==> flow/design.v <==
module alu_diff_unit #(
   parameter DWIDTH = 56
) (
   input logic clk,
   input logic i_rst_n,
   input logic [DWIDTH-1:0] op_a,
   input logic [DWIDTH-1:0] op_b,
   output logic [DWIDTH-1:0] q,
   output logic bo
);
   logic [DWIDTH-1:0] op_a_ff;
   logic [DWIDTH-1:0] op_b_ff;
   logic [DWIDTH:0] t;
   assign t = {1'b0, op_a_ff} - {1'b0, op_b_ff};
   assign q = t[DWIDTH-1:0];
   assign bo = t[DWIDTH];
   always_ff @(posedge clk or negedge i_rst_n) begin
      if (!i_rst_n) begin
         op_a_ff <= 0;
         op_b_ff <= 0;
      end else begin
         op_a_ff <= op_a;
         op_b_ff <= op_b;
      end
   end
endmodule
---- Step by step through the tools: alu_diff_unit ----
Tool output for the design above, in the order of the flow.
Line numbers count from 1 in the design file above.
Library cell names are shortened.
Not given: n/a
inputs
  top ..................................... alu_diff_unit
  clock input ............................. clk
  library ................................. sky130hd
  corner .................................. tt_025C_1v80

---- Word-level counts ----
Counts by Yosys on the flattened word-level netlist (proc, flatten, opt, wreduce; memories kept). Register bits leave out memories and registers merged into their read ports (data or address); mux counts leave out enables and synchronous resets folded into registers. Print and check cells are left out. Cells with the same type and inputs are merged into one.
word-level totals
  word-level cells ........................ 3
  input port bits ......................... 114
  register bits after elaboration ......... 112
  output and inout bits ................... 57
operators by class
  add/subtract/negate cells ............... 1
operators by type and width
  kind                          number
  subtractor 56 x 56 -> 57 bit  1

---- Longest topological paths ----
Longest topological path by Yosys (ltp), each cell counted once; first at word level (registers and memories cut), then after technology mapping (sequential cells cut; the memories' decode and read muxes count).
depth
  depth in word-level cells ............... 1
  ABC_AREA ................................ 0
  gate-level depth with buffers ........... 12
  mapped depth without buffers ............ 12

---- Mapped cells and area ----
The flow's flattened synthesis, as Yosys stat reports it; memories are mapped. The netlist is that of the ABC_AREA named above (0 if unset); the other value can give another one.
Totals and module areas in this step are rounded.
synthesis totals
  flip-flops .............................. 112
  standard cells after synthesis .......... 660
  mapped area ............................. 0.00638 mm^2
  buffers ................................. 18
  area of sequential cells ................ 0.0028 mm^2
cells by type
  cell type  number  total area (um^2)
  dfrtp_1    112     2.8E+03
  ha_1       56      700.672
  a21oi_1    72      360.346
  inv_1      75      281.52
  xnor2_1    31      271.51
  nand2_1    57      213.955
  xor2_1     22      192.685
  o21ai_0    36      180.173
  a21o_1     19      142.637
  nor2_1     31      116.362
  o21bai_1   12      90.086
  nand4_1    12      75.072
  o21a_1     8       60.058
  nand2b_1   8       50.048
  nand3_1    10      50.048
  clkbuf_1   12      45.043
  nor3_1     9       45.043
  o211ai_4   2       42.541
Not listed: further types 42, cells in them 76.

---- Timing after synthesis ----
Source: OpenSTA report_checks on the synthesized netlist (no wires, ideal clock, input and output delay 20% of the period each), path of least setup slack; recovery checks are left aside. Register names are those of the netlist, which keeps one name where synthesis merged equal registers.
timing path after synthesis
  path kind ............................... register to output
  start ................................... reg op_a_ff[0]
  end ..................................... out q[52]
  data arrival time ....................... 2.702 ns
  delay of the path ....................... 2.702 ns
  stages on the path ...................... 13
  launch time at the first pin ............ 0.000 ns
  buffers on the path ..................... 0
  external output delay ................... 0.844 ns
  clock period ............................ 4.22 ns
  data required time ...................... 3.376 ns
  path slack .............................. 0.674 ns
  synthesis period reached ................ 3.546 ns
"delay of the path" = arrival - input delay + setup time.
At an output port there is no setup time.
"stages on the path": output pins that drive a net of the path, with the launching flip-flop's if there is one; two outputs of one cell count as two.
"synthesis period reached" = period - worst setup slack (recovery checks aside). The figure is calculated, with input and output delays left at 20% of the set period.
The rows between start and end are the longest chain of elaborated cells between them; the timing report does not say that the signal goes this way. Where chains are equally long, one stands for them.
Each line given opens the expression or statement behind the cell; cells for indexed reads and writes are added by Yosys, which also makes memories of some case tables.
on the way, after synthesis
  path through ............................ dfrtp_1 inv_1 ha_1 fa_1 nand2b_1 a21o_1 a211oi_2 o21ai_1 o31a_1 o41ai_4 a31o_2 a21oi_1 xnor2_1
  length of the longest elaborated chain .. 1
ends and longest elaborated chain, after synthesis
  what                          line  RTL
  start, declared               11    logic [DWIDTH-1:0] op_a_ff;
  start, assigned               19    op_a_ff <= 0;
  start, assigned               22    op_a_ff <= op_a;
  subtractor 56 x 56 -> 57 bit  14    assign t = {1'b0, op_a_ff} - {1'b0, op_b_ff};
  end, declared                 8     output logic [DWIDTH-1:0] q,

---- Worst path after layout ----
From the final timing report of run 1: the path of least setup slack in the routed layout; clock arrival at registers is part of the times.
timing path after layout
  path kind ............................... register to output
  start ................................... reg op_b_ff[0]
  end ..................................... out bo
  buffers on the path ..................... 2
  external output delay ................... 0.84 ns
  data required time ...................... 3.38 ns
  path slack .............................. 0.02 ns
  data arrival time ....................... 3.35 ns
  clock period ............................ 4.22 ns
  stages on the path ...................... 14
  launch time at the first pin ............ 0.36 ns
The rows between start and end are the longest chain of elaborated cells between them; the timing report does not say that the signal goes this way. Where chains are equally long, one stands for them.
on the way, after layout
  path through ............................ dfrtp_1 ha_4 fa_2 nand2b_4 a21o_1 a211oi_2 o21ai_2 o31a_1 o41ai_4 buf_4 a31oi_4 o211ai_1 o21ai_1 buf_2
  length of the longest elaborated chain .. 1
ends and longest elaborated chain, after layout
  what                          line  RTL
  start, declared               12    logic [DWIDTH-1:0] op_b_ff;
  start, assigned               20    op_b_ff <= 0;
  start, assigned               23    op_b_ff <= op_b;
  subtractor 56 x 56 -> 57 bit  14    assign t = {1'b0, op_a_ff} - {1'b0, op_b_ff};
  end, declared                 9     output logic bo

==> runs of alu_diff_unit <==
Flow measurements of alu_diff_unit on sky130hd: 3 stored runs with different settings, listed in no order. Input and output delays are each 20% of the period that was set; the output load is 0.01 pF.
"period reached" = clock period - worst setup slack. The figure is calculated, with input and output delays left at 20% of the set period.
"allowed time less slack (worst setup path)" is the time allowed to the run's worst setup path (the clock period less input and output delay, where it has them) less its slack. Clock arrival times count: a late capture clock shortens it, a late launch clock lengthens it.
By "total power of the final layout" is meant OpenSTA's value without simulated activity: inputs other than the clock are taken to toggle once in ten clock periods, and the tool carries that through the logic.
The results are shown rounded.

---- run 1 ----
settings
  period_ns = 4.22
  CAP_MARGIN = 20
  CORE_MARGIN = 2
  CORE_UTILIZATION = 40
  SLEW_MARGIN = 20
results
  cell area after synthesis ............... 0.00638 mm^2
  post-route setup TNS .................... 0.000 ns
  utilization ............................. 57.5 %
  period reached .......................... 4.198 ns
  setup slack of the worst path ........... 0.022 ns
  area inside the die boundary ............ 0.017 mm^2
  allowed time less slack (worst setup path) .. 3.35 ns
  critical path type ...................... register to output
  total power of the final layout ......... 3.09 mW
  standard-cell area after layout ......... 0.00904 mm^2

---- run 2 ----
settings
  period_ns = 2.35
  CORE_UTILIZATION = 26
  PLACE_DENSITY_LB_ADDON = 0.26
  CORE_MARGIN = 3
  ABC_AREA = 1
  GPL_TIMING_DRIVEN = 0
  GPL_ROUTABILITY_DRIVEN = 0
  CTS_CLUSTER_DIAMETER = 367
  SLEW_MARGIN = 10
  MIN_ROUTING_LAYER = met1
  CAP_MARGIN = 20
results
  cell area after synthesis ............... 0.00811 mm^2
  post-route setup TNS .................... -17.4 ns
  utilization ............................. 45.1 %
  period reached .......................... 2.827 ns
  setup slack of the worst path ........... -0.477 ns
  area inside the die boundary ............ 0.0333 mm^2
  allowed time less slack (worst setup path) .. 2.36 ns
  critical path type ...................... register to output
  total power of the final layout ......... 6.62 mW
  standard-cell area after layout ......... 0.0138 mm^2

---- run 3 ----
settings
  period_ns = 2.38
  CORE_UTILIZATION = 38
  PLACE_DENSITY_LB_ADDON = 0.11
  CORE_MARGIN = 9
  CELL_PAD_IN_SITES_DETAIL_PLACEMENT = 2
  ABC_AREA = 1
  CTS_CLUSTER_SIZE = 89
  CAP_MARGIN = 30
  MIN_ROUTING_LAYER = met1
  MAX_ROUTING_LAYER = met5
  SLEW_MARGIN = 20
results
  unfinished; error DPL-0033 in placement
